==> flow/design.v <==
module dp_relation_v2 #(
  parameter DW = 8
) (
  input  wire CLK,
  input  wire i_rst_n,
  input  wire [DW-1:0] dataa,
  input  wire [DW-1:0] datab,
  output wire is_gt
);
  reg [DW-1:0] dataa_ff;
  always @(posedge CLK or negedge i_rst_n) begin
    if (~i_rst_n) begin
      dataa_ff <= 0;
    end else begin
      dataa_ff <= dataa;
    end
  end
  reg [DW-1:0] datab_ff;
  always @(posedge CLK or negedge i_rst_n) begin
    if (~i_rst_n) begin
      datab_ff <= 0;
    end else begin
      datab_ff <= datab;
    end
  end
  wire [DW:0] cc;
  assign cc[0] = 1'b0;
  genvar g;
  generate
    for (g = 0; g < DW; g = g + 1) begin : blk
      assign cc[g+1] = (dataa_ff[g] ^ datab_ff[g]) ? dataa_ff[g] : cc[g];
    end
  endgenerate
  assign is_gt = cc[DW];
endmodule
=== Tool chain data of dp_relation_v2 ===
What the tools print for dp_relation_v2, step after step.
Line numbers count from 1 in the design file above.
Operators: Yosys type, input widths -> output width; for muxes data width and select width s.
Not given: --

* Top module: dp_relation_v2
* Clock: CLK
* Standard-cell library: sky130hd
* Timing corner: tt_025C_1v80

=== After elaboration ===
Yosys after proc, flatten, opt, wreduce and memory -nomap, before mapping. Enables and synchronous resets that opt folds into registers are not counted as muxes. Memory bits, and registers merged into a memory's read port (data or address), are not among the register bits. Print and check cells are not counted. Equal cells are merged and count once.

* Flip-flop bits (word level): 16
* Latch bits: 0
* Bits in writable memories: 0
* ROM bits: 0
* Clocked read ports x word width: 0
* Memories: 0
* Input port bits: 18
* Output and inout port bits: 1
* Word-level cells: 18

* Add/subtract/negate cells: 0
* Multiply operators: 0
* Divide/modulo/power cells: 0
* Magnitude comparators: 0
* Eq/ne operators: 0
* Shift-type cells: 0
* Mux-type cells: 8
* Bitwise gates (word level): 8
* Reduce/logical cells: 0

{| class="wikitable"
|+ Operators by type and width
! operator !! number
|-
| $xor 1x1->1 || 8
|-
| $mux 1 || 8
|}

=== Depth ===
Depth = most cells in a row (Yosys ltp): at word level without a register or memory, in the mapped netlist without a sequential cell, where the memories' decode and read muxes count.

* Word-level depth: 9
* ABC_AREA: 0
* Gate-level depth with buffers: 4
* Gate-level depth less buffers: 4

=== After synthesis ===
The flow's flattened synthesis, as Yosys stat reports it; memories are mapped. The netlist is that of the ABC_AREA named above (0 if unset); the other value can give another one.
The area totals of this step are shown rounded.

{| class="wikitable"
|+ Cells by type
! cell !! number !! area in all (um2)
|-
| sky130_fd_sc_hd__dfrtp_1 || 16 || 400.384
|-
| sky130_fd_sc_hd__inv_1 || 7 || 26.275
|-
| sky130_fd_sc_hd__maj3_2 || 2 || 22.522
|-
| sky130_fd_sc_hd__o221ai_2 || 1 || 15.014
|-
| sky130_fd_sc_hd__nor2b_4 || 1 || 13.763
|-
| sky130_fd_sc_hd__a21oi_2 || 1 || 8.758
|-
| sky130_fd_sc_hd__a221oi_1 || 1 || 8.758
|-
| sky130_fd_sc_hd__a22o_1 || 1 || 8.758
|-
| sky130_fd_sc_hd__a2bb2oi_1 || 1 || 8.758
|-
| sky130_fd_sc_hd__o2bb2ai_1 || 1 || 8.758
|-
| sky130_fd_sc_hd__nand2b_1 || 1 || 6.256
|-
| sky130_fd_sc_hd__o22ai_1 || 1 || 6.256
|}

* Mapped cells: 34
* Synthesis area: 534.3 um2
* Sequential area: 400.4 um2
* Flip-flop cells: 16
* Buffers: 0

=== Timing after synthesis ===
Source: OpenSTA report_checks on the synthesized netlist (no wires, ideal clock, input and output delay 20% of the period each), path of least setup slack; recovery checks are left aside. Register names are those of the netlist, which keeps one name where synthesis merged equal registers.

* Path type: register to output
* From: register dataa_ff[0]
* To: output port is_gt
* Clock period: 1.53 ns
* Output delay: 0.306 ns
* Launch time at the first pin: 0.000 ns
* Arrival: 0.977 ns
* Required time: 1.224 ns
* Path slack: 0.247 ns
* Delay of the path: 0.977 ns
* Driving pins on the path: 5
* Buffers on the path: 0
* Period reached after synthesis: 1.283 ns

"delay of the path" = arrival - input delay + setup time.
At an output port there is no setup time.
"driving pins on the path" counts driving pins, that of a launching flip-flop among them; a cell with two outputs on the path counts twice.
"period reached after synthesis" is the clock period less the worst setup slack; recovery checks do not enter. This is arithmetic on one report: input and output delays are still those of the set period (20% each).
The rows between start and end are the longest chain of elaborated cells between them; the timing report does not say that the signal goes this way. Where chains are equally long, one stands for them.
A line is the first line of the expression or statement that the cell stems from. Yosys adds cells for indexed reads and writes and turns some case tables into memories.

* Path through: sky130_fd_sc_hd__dfrtp_1 > sky130_fd_sc_hd__nor2b_4 > sky130_fd_sc_hd__maj3_2 > sky130_fd_sc_hd__o221ai_2 > sky130_fd_sc_hd__a21oi_2
* Length of the longest elaborated chain: 9
* Elaborated cells on any way between the ends: 9
* Source lines of those cells: 1
* Those cells by class: 8 x mux; 1 x logic

{| class="wikitable"
|+ RTL lines, path after synthesis
! element !! line !! source
|-
| start, declared || 10 || <nowiki>reg [DW-1:0] dataa_ff;</nowiki>
|-
| start, assigned || 13 || <nowiki>dataa_ff <= 0;</nowiki>
|-
| start, assigned || 15 || <nowiki>dataa_ff <= dataa;</nowiki>
|-
| $xor 1x1->1 || 31 || <nowiki>assign cc[g+1] = (dataa_ff[g] ^ datab_ff[g]) ? dataa_ff[g] : cc[g];</nowiki>
|-
| $mux 1 (8 in a row) || 31 ||
|-
| end, declared || 8 || <nowiki>output wire is_gt</nowiki>
|}

=== Timing after layout ===
From the final timing report of flow run 1: the path of least setup slack in the routed layout; clock arrival at registers is part of the times.

* Path type: register to output
* From: register dataa_ff[0]
* To: output port is_gt
* Clock period: 0.875 ns
* Output delay: 0.18 ns
* Launch time at the first pin: 0.27 ns
* Arrival: 1.45 ns
* Required time: 0.70 ns
* Path slack: -0.75 ns
* Driving pins on the path: 6
* Buffers on the path: 1

The rows between start and end are the longest chain of elaborated cells between them; the timing report does not say that the signal goes this way. Where chains are equally long, one stands for them.

* Path through: sky130_fd_sc_hd__dfrtp_1 > sky130_fd_sc_hd__nor2b_4 > sky130_fd_sc_hd__maj3_2 > sky130_fd_sc_hd__o221ai_2 > sky130_fd_sc_hd__a21oi_2 > sky130_fd_sc_hd__buf_2
* Length of the longest elaborated chain: 9
* Elaborated cells on any way between the ends: 9
* Source lines of those cells: 1
* Those cells by class: 8 x mux; 1 x logic

{| class="wikitable"
|+ RTL lines, path after layout
! element !! line !! source
|-
| start, declared || 10 || <nowiki>reg [DW-1:0] dataa_ff;</nowiki>
|-
| start, assigned || 13 || <nowiki>dataa_ff <= 0;</nowiki>
|-
| start, assigned || 15 || <nowiki>dataa_ff <= dataa;</nowiki>
|-
| $xor 1x1->1 || 31 || <nowiki>assign cc[g+1] = (dataa_ff[g] ^ datab_ff[g]) ? dataa_ff[g] : cc[g];</nowiki>
|-
| $mux 1 (8 in a row) || 31 ||
|-
| end, declared || 8 || <nowiki>output wire is_gt</nowiki>
|}

## Implementation results

Design dp_relation_v2 on sky130hd. What follows are 3 stored runs of the flow, each under its own settings; their order means nothing. The constraints put input and output delay at 20% of the set period each and load the outputs with 0.01 pF.
"achieved clock period" means the clock period less the worst setup slack. The figure is calculated, with input and output delays left at 20% of the set period.
"allowed time less slack (worst setup path)" is the time allowed to the run's worst setup path (the clock period less input and output delay, where it has them) less its slack. Clock arrival times count: a late capture clock shortens it, a late launch clock lengthens it.
"total power of the final layout" is the tool's figure for a default switching activity; nothing was simulated.
The measured numbers are rounded.

=== Flow run 1 ===
{| class="wikitable"
! Setting !! Value
|-
| period_ns || 0.875
|-
| CORE_UTILIZATION || 47
|-
| PLACE_DENSITY_LB_ADDON || 0.11
|-
| CELL_PAD_IN_SITES_DETAIL_PLACEMENT || 1
|-
| TNS_END_PERCENT || 25
|-
| GPL_ROUTABILITY_DRIVEN || 0
|-
| CTS_CLUSTER_DIAMETER || 222
|-
| CAP_MARGIN || 0
|-
| CORE_MARGIN || 2
|-
| SLEW_MARGIN || 20
|-
! Result !! Value
|-
| Setup TNS || -0.749 ns
|-
| Allowed time less slack (worst setup path) || 1.45 ns
|-
| Critical path type || register to output
|-
| Utilization in the final report || 72.6 %
|-
| Worst setup slack after layout || -0.749 ns
|-
| Area of the standard cells in the finished layout || 784.5 um2
|-
| Achieved clock period || 1.624 ns
|-
| Total power of the final layout || 1,332 µW
|-
| Overall die area || 1,422 um2
|-
| Netlist area reported by Yosys || 534.3 um2
|}

=== Flow run 2 ===
{| class="wikitable"
! Setting !! Value
|-
| period_ns || 0.963
|-
| CORE_UTILIZATION || 43
|-
| SETUP_SLACK_MARGIN || 0.28
|-
| PLACE_DENSITY || 0.38
|-
| CORE_MARGIN || 4
|-
| ABC_AREA || 1
|-
| CTS_CLUSTER_SIZE || 84
|-
| MIN_ROUTING_LAYER || met2
|-
| MAX_ROUTING_LAYER || met5
|-
| CAP_MARGIN || 20
|-
| SLEW_MARGIN || 20
|-
! Result !! Value
|-
| Setup TNS || -0.560 ns
|-
| Allowed time less slack (worst setup path) || 1.33 ns
|-
| Critical path type || register to output
|-
| Utilization in the final report || 68.8 %
|-
| Worst setup slack after layout || -0.560 ns
|-
| Area of the standard cells in the finished layout || 795.8 um2
|-
| Achieved clock period || 1.523 ns
|-
| Total power of the final layout || 1,295 µW
|-
| Overall die area || 1,906 um2
|-
| Netlist area reported by Yosys || 546.8 um2
|}

=== Flow run 3 ===
{| class="wikitable"
! Setting !! Value
|-
| period_ns || 1.53
|-
| CAP_MARGIN || 20
|-
| CORE_MARGIN || 2
|-
| CORE_UTILIZATION || 40
|-
| SLEW_MARGIN || 20
|-
! Result !! Value
|-
| Setup TNS || -0.186 ns
|-
| Allowed time less slack (worst setup path) || 1.41 ns
|-
| Critical path type || register to output
|-
| Utilization in the final report || 62.0 %
|-
| Worst setup slack after layout || -0.186 ns
|-
| Area of the standard cells in the finished layout || 787.0 um2
|-
| Achieved clock period || 1.716 ns
|-
| Total power of the final layout || 810.6 µW
|-
| Overall die area || 1,644 um2
|-
| Netlist area reported by Yosys || 534.3 um2
|}
